==> flow/design.v <==
module my_shifter #(
  parameter DATA_WIDTH = 12,
  parameter LOGN = $clog2(DATA_WIDTH)
) (
  input  wire clk,
  input  wire i_rst_n,
  input  wire enable,
  input  wire [DATA_WIDTH-1:0] bus,
  input  wire [LOGN-1:0] n,
  input  wire [1:0] fn,
  output reg [DATA_WIDTH-1:0] data_out
);
  reg [DATA_WIDTH-1:0] bus_d1;
  reg [LOGN-1:0] n_d1;
  reg [1:0] fn_d1;
  always @(posedge clk or negedge i_rst_n) begin
    if (~i_rst_n) begin
      bus_d1 <= 0;
      n_d1 <= 0;
      fn_d1 <= 0;
    end else if (enable) begin
      bus_d1 <= bus;
      n_d1 <= n;
      fn_d1 <= fn;
    end
  end
  reg [DATA_WIDTH-1:0] tmp;
  always @(*) begin
    case (fn_d1)
      2'b00: tmp = bus_d1 << n_d1;
      2'b01: tmp = bus_d1 >> n_d1;
      2'b10: tmp = $signed(bus_d1) >>> n_d1;
      default: tmp = bus_d1;
    endcase
  end
  always @(posedge clk or negedge i_rst_n) begin
    if (~i_rst_n) begin
      data_out <= 0;
    end else if (enable) begin
      data_out <= tmp;
    end
  end
endmodule
## Reports on my_shifter

The steps from the RTL of my_shifter to its reports follow in flow order.
Line numbers count from 1 in the design file above.
Cell names lack the library's common part.
Not given: -

| set-up | value |
|---|---|
| top | my_shifter |
| clock port | clk |
| cell library | sky130hd |
| timing corner | tt_025C_1v80 |

## Word level

Counts by Yosys on the flattened word-level netlist (proc, flatten, opt, wreduce; memories kept). Register bits leave out memories and registers merged into their read ports (data or address); mux counts leave out enables and synchronous resets folded into registers. Print and check cells are left out. Cells with the same type and inputs are merged into one.

| operators by class | value |
|---|---|
| equal/unequal tests | 2 |
| shifts and indexed selects | 3 |
| multiplexer cells | 1 |
| reduce/logical cells | 1 |

Operator list:

| kind | number |
|---|---|
| case mux 12 bit (select 3 bit) | 1 |
| left shift 12 x 4 -> 12 bit | 1 |
| right shift 12 x 4 -> 12 bit | 1 |
| >>> shifter 12 x 4 -> 12 bit | 1 |
| equality test 2 x 1 -> 1 bit with constant B | 1 |
| equality test 2 bit with constant B | 1 |
| logical NOT 2 bit | 1 |

| storage and ports | value |
|---|---|
| register bits after elaboration | 30 |
| input port bits | 21 |

## Logic depth

Yosys ltp: most cells in a row. Word level: on the elaborated netlist, between registers, memories and ports. Mapped: between sequential cells and ports; inverters and the memories' decode and read muxes count.

| depth | value |
|---|---|
| depth after elaboration | 2 |
| ABC_AREA | 0 |
| mapped depth | 8 |
| depth with buffers taken out | 5 |

## After synthesis

Yosys stat after the flow's synthesis: flattened, memories mapped to cells. It holds for the ABC_AREA given above (unset counts as 0); a run with the other value may have another netlist.

Cell types:

| cell type | number | total area (um^2) |
|---|---|---|
| dfrtp_1 | 30 | 750.72 |
| mux4_1 | 8 | 210.202 |
| mux2_2 | 17 | 191.434 |
| mux4_2 | 8 | 180.173 |
| mux2i_1 | 14 | 140.134 |
| nand2_1 | 19 | 71.318 |
| nor2_1 | 19 | 71.318 |
| o21ai_0 | 14 | 70.067 |
| nand3_1 | 13 | 65.062 |
| nand2b_1 | 10 | 62.56 |
| a21oi_1 | 10 | 50.048 |
| clkbuf_1 | 12 | 45.043 |
| buf_12 | 2 | 40.038 |
| o22ai_1 | 6 | 37.536 |
| a31oi_1 | 5 | 31.28 |
| buf_2 | 6 | 30.029 |
| a211oi_1 | 3 | 22.522 |
| buf_4 | 3 | 22.522 |

Not listed: further types 35, cells in them 53.

| synthesis totals | value |
|---|---|
| cells in the netlist | 252 |
| chip area (Yosys) | 0.0024986 mm^2 |
| sequential area | 0.0007507 mm^2 |
| mapped flip-flops | 30 |
| buffer cells | 27 |

## Timing after synthesis

OpenSTA on the mapped netlist: ideal clock, no wires. The path of least setup slack (recovery checks aside). Input and output delay are each 20% of the period. Register names are those of the netlist, which keeps one name where synthesis merged equal registers.

| path after synthesis | value |
|---|---|
| path kind | flip-flop to flip-flop |
| from | register bus_d1[8] |
| to | register data_out[0] |
| clock period | 2,110 ps |
| library setup time | 139 ps |
| launch time at the first pin | 0 ps |
| arrival time | 1,546 ps |
| required time | 1,971 ps |
| setup slack | 424 ps |
| delay of the path | 1,685 ps |
| stages | 7 |
| path buffers | 1 |
| synthesis period reached | 1,686 ps |

"delay of the path" = arrival - input delay + setup time.
"stages" counts driving pins, that of a launching flip-flop among them; a cell with two outputs on the path counts twice.
"synthesis period reached" is the clock period less the worst setup slack; recovery checks do not enter. This is arithmetic on one report: input and output delays are still those of the set period (20% each).

| between the ends, after synthesis | value |
|---|---|
| cells stage by stage | dfrtp_1 -> clkbuf_1 -> mux4_1 -> mux2i_1 -> o22ai_1 -> o2111ai_1 -> a31oi_1 |

RTL lines, path after synthesis:

| what | line | text |
|---|---|---|
| from (decl) | 13 | `reg [DATA_WIDTH-1:0] bus_d1;` |
| from (assign) | 18 | `bus_d1 <= 0;` |
| from (assign) | 22 | `bus_d1 <= bus;` |
| to (assign) | 38 | `data_out <= 0;` |
| to (assign) | 40 | `data_out <= tmp;` |
| to (decl) | 11 | `output reg [DATA_WIDTH-1:0] data_out` |

No chain of elaborated cells between the ends is given.

## Path in the finished layout

From the final timing report of job 1: the path of least setup slack in the routed layout; clock arrival at registers is part of the times.
The path's times are printed in steps of 10 ps; the period is the one set.

| path post-layout | value |
|---|---|
| path kind | flip-flop to flip-flop |
| from | register n_d1[0] |
| to | register data_out[0] |
| clock period | 2,110 ps |
| library setup time | 120 ps |
| launch time at the first pin | 280 ps |
| arrival time | 2,150 ps |
| required time | 2,280 ps |
| setup slack | 130 ps |
| stages | 7 |
| path buffers | 1 |

Between the ends stands the longest chain of elaborated cells between them, by number of cells; it is not shown to be the way that was timed. Of several equally long chains one is given.
Each line given opens the expression or statement behind the cell; cells for indexed reads and writes are added by Yosys, which also makes memories of some case tables.

| between the ends, post-layout | value |
|---|---|
| cells stage by stage | dfrtp_1 -> buf_4 -> mux4_1 -> mux2i_1 -> o22ai_1 -> o2111ai_1 -> a31oi_1 |
| length of the longest elaborated chain | 2 |

RTL lines, path post-layout:

| what | line | text |
|---|---|---|
| from (decl) | 14 | `reg [LOGN-1:0] n_d1;` |
| from (assign) | 19 | `n_d1 <= 0;` |
| from (assign) | 23 | `n_d1 <= n;` |
| >>> shifter 12 x 4 -> 12 bit | 32 | `2'b10: tmp = $signed(bus_d1) >>> n_d1;` |
| case mux 12 bit (select 3 bit) | 29 | `case (fn_d1)` |
| to (assign) | 38 | `data_out <= 0;` |
| to (assign) | 40 | `data_out <= tmp;` |
| to (decl) | 11 | `output reg [DATA_WIDTH-1:0] data_out` |

3 stored runs of my_shifter in the flow (synthesis by Yosys, layout by OpenROAD, sky130hd cells), in arbitrary order. Constraints: input delay and output delay 20% of the set period each, output load 0.01 pF.
"period achieved" means the clock period less the worst setup slack. The figure is calculated, with input and output delays left at 20% of the set period.
"time used up by the worst setup path" is the time allowed to the run's worst setup path (the clock period less input and output delay, where it has them) less its slack. Clock arrival times count: a late capture clock shortens it, a late launch clock lengthens it.
"power consumption" rests on the timing tool's default activity at the inputs, not on a simulated workload.
"time used up by the worst setup path" is given in steps of 10 ps.
A setting shown as n/a is not set for that run.
Among the results, n/a means that no value is shown for the run.

| stored run | period_ns | CAP_MARGIN | CORE_MARGIN | CORE_UTILIZATION | SLEW_MARGIN | PLACE_DENSITY | TNS_END_PERCENT | CTS_CLUSTER_DIAMETER | MIN_ROUTING_LAYER | PLACE_DENSITY_LB_ADDON | HOLD_SLACK_MARGIN | CELL_PAD_IN_SITES_GLOBAL_PLACEMENT | CELL_PAD_IN_SITES_DETAIL_PLACEMENT | ABC_AREA | CTS_CLUSTER_SIZE | MAX_ROUTING_LAYER | period achieved (ps) | standard-cell area after routing (mm^2) | time used up by the worst setup path (ps) | kind of the worst setup path | setup slack of the critical path (ps) | final setup TNS (ps) | utilization of the finished layout (%) | chip area in the Yosys report (mm^2) | die outline area (mm^2) | power consumption (mW) |
|---|---|---|---|---|---|---|---|---|---|---|---|---|---|---|---|---|---|---|---|---|---|---|---|---|---|---|
| job 1 | 2.11 | 20 | 2 | 40 | 20 | n/a | n/a | n/a | n/a | n/a | n/a | n/a | n/a | n/a | n/a | n/a | 1,985 | 0.0030204 | 1,980 | flip-flop to flip-flop | 125 | 0 | 50.4 | 0.0024986 | 0.0068948 | 2.144 |
| job 2 | 1.26 | 20 | 6 | 23 | 20 | 0.9 | 55 | 322 | met2 | n/a | n/a | n/a | n/a | n/a | n/a | n/a | 1,890 | 0.0036685 | 1,890 | flip-flop to flip-flop | -630 | -6,275 | 35.2 | 0.0024986 | 0.0135094 | 4.207 |
| job 3 | 1.25 | 35 | 2 | 33 | 20 | n/a | n/a | 362 | met1 | 0.23 | 0.24 | 1 | 2 | 1 | 71 | met5 | n/a | n/a | n/a | n/a | n/a | n/a | n/a | n/a | n/a | n/a |

Job 3: no final report: clock tree synthesis broke off with DPL-0033
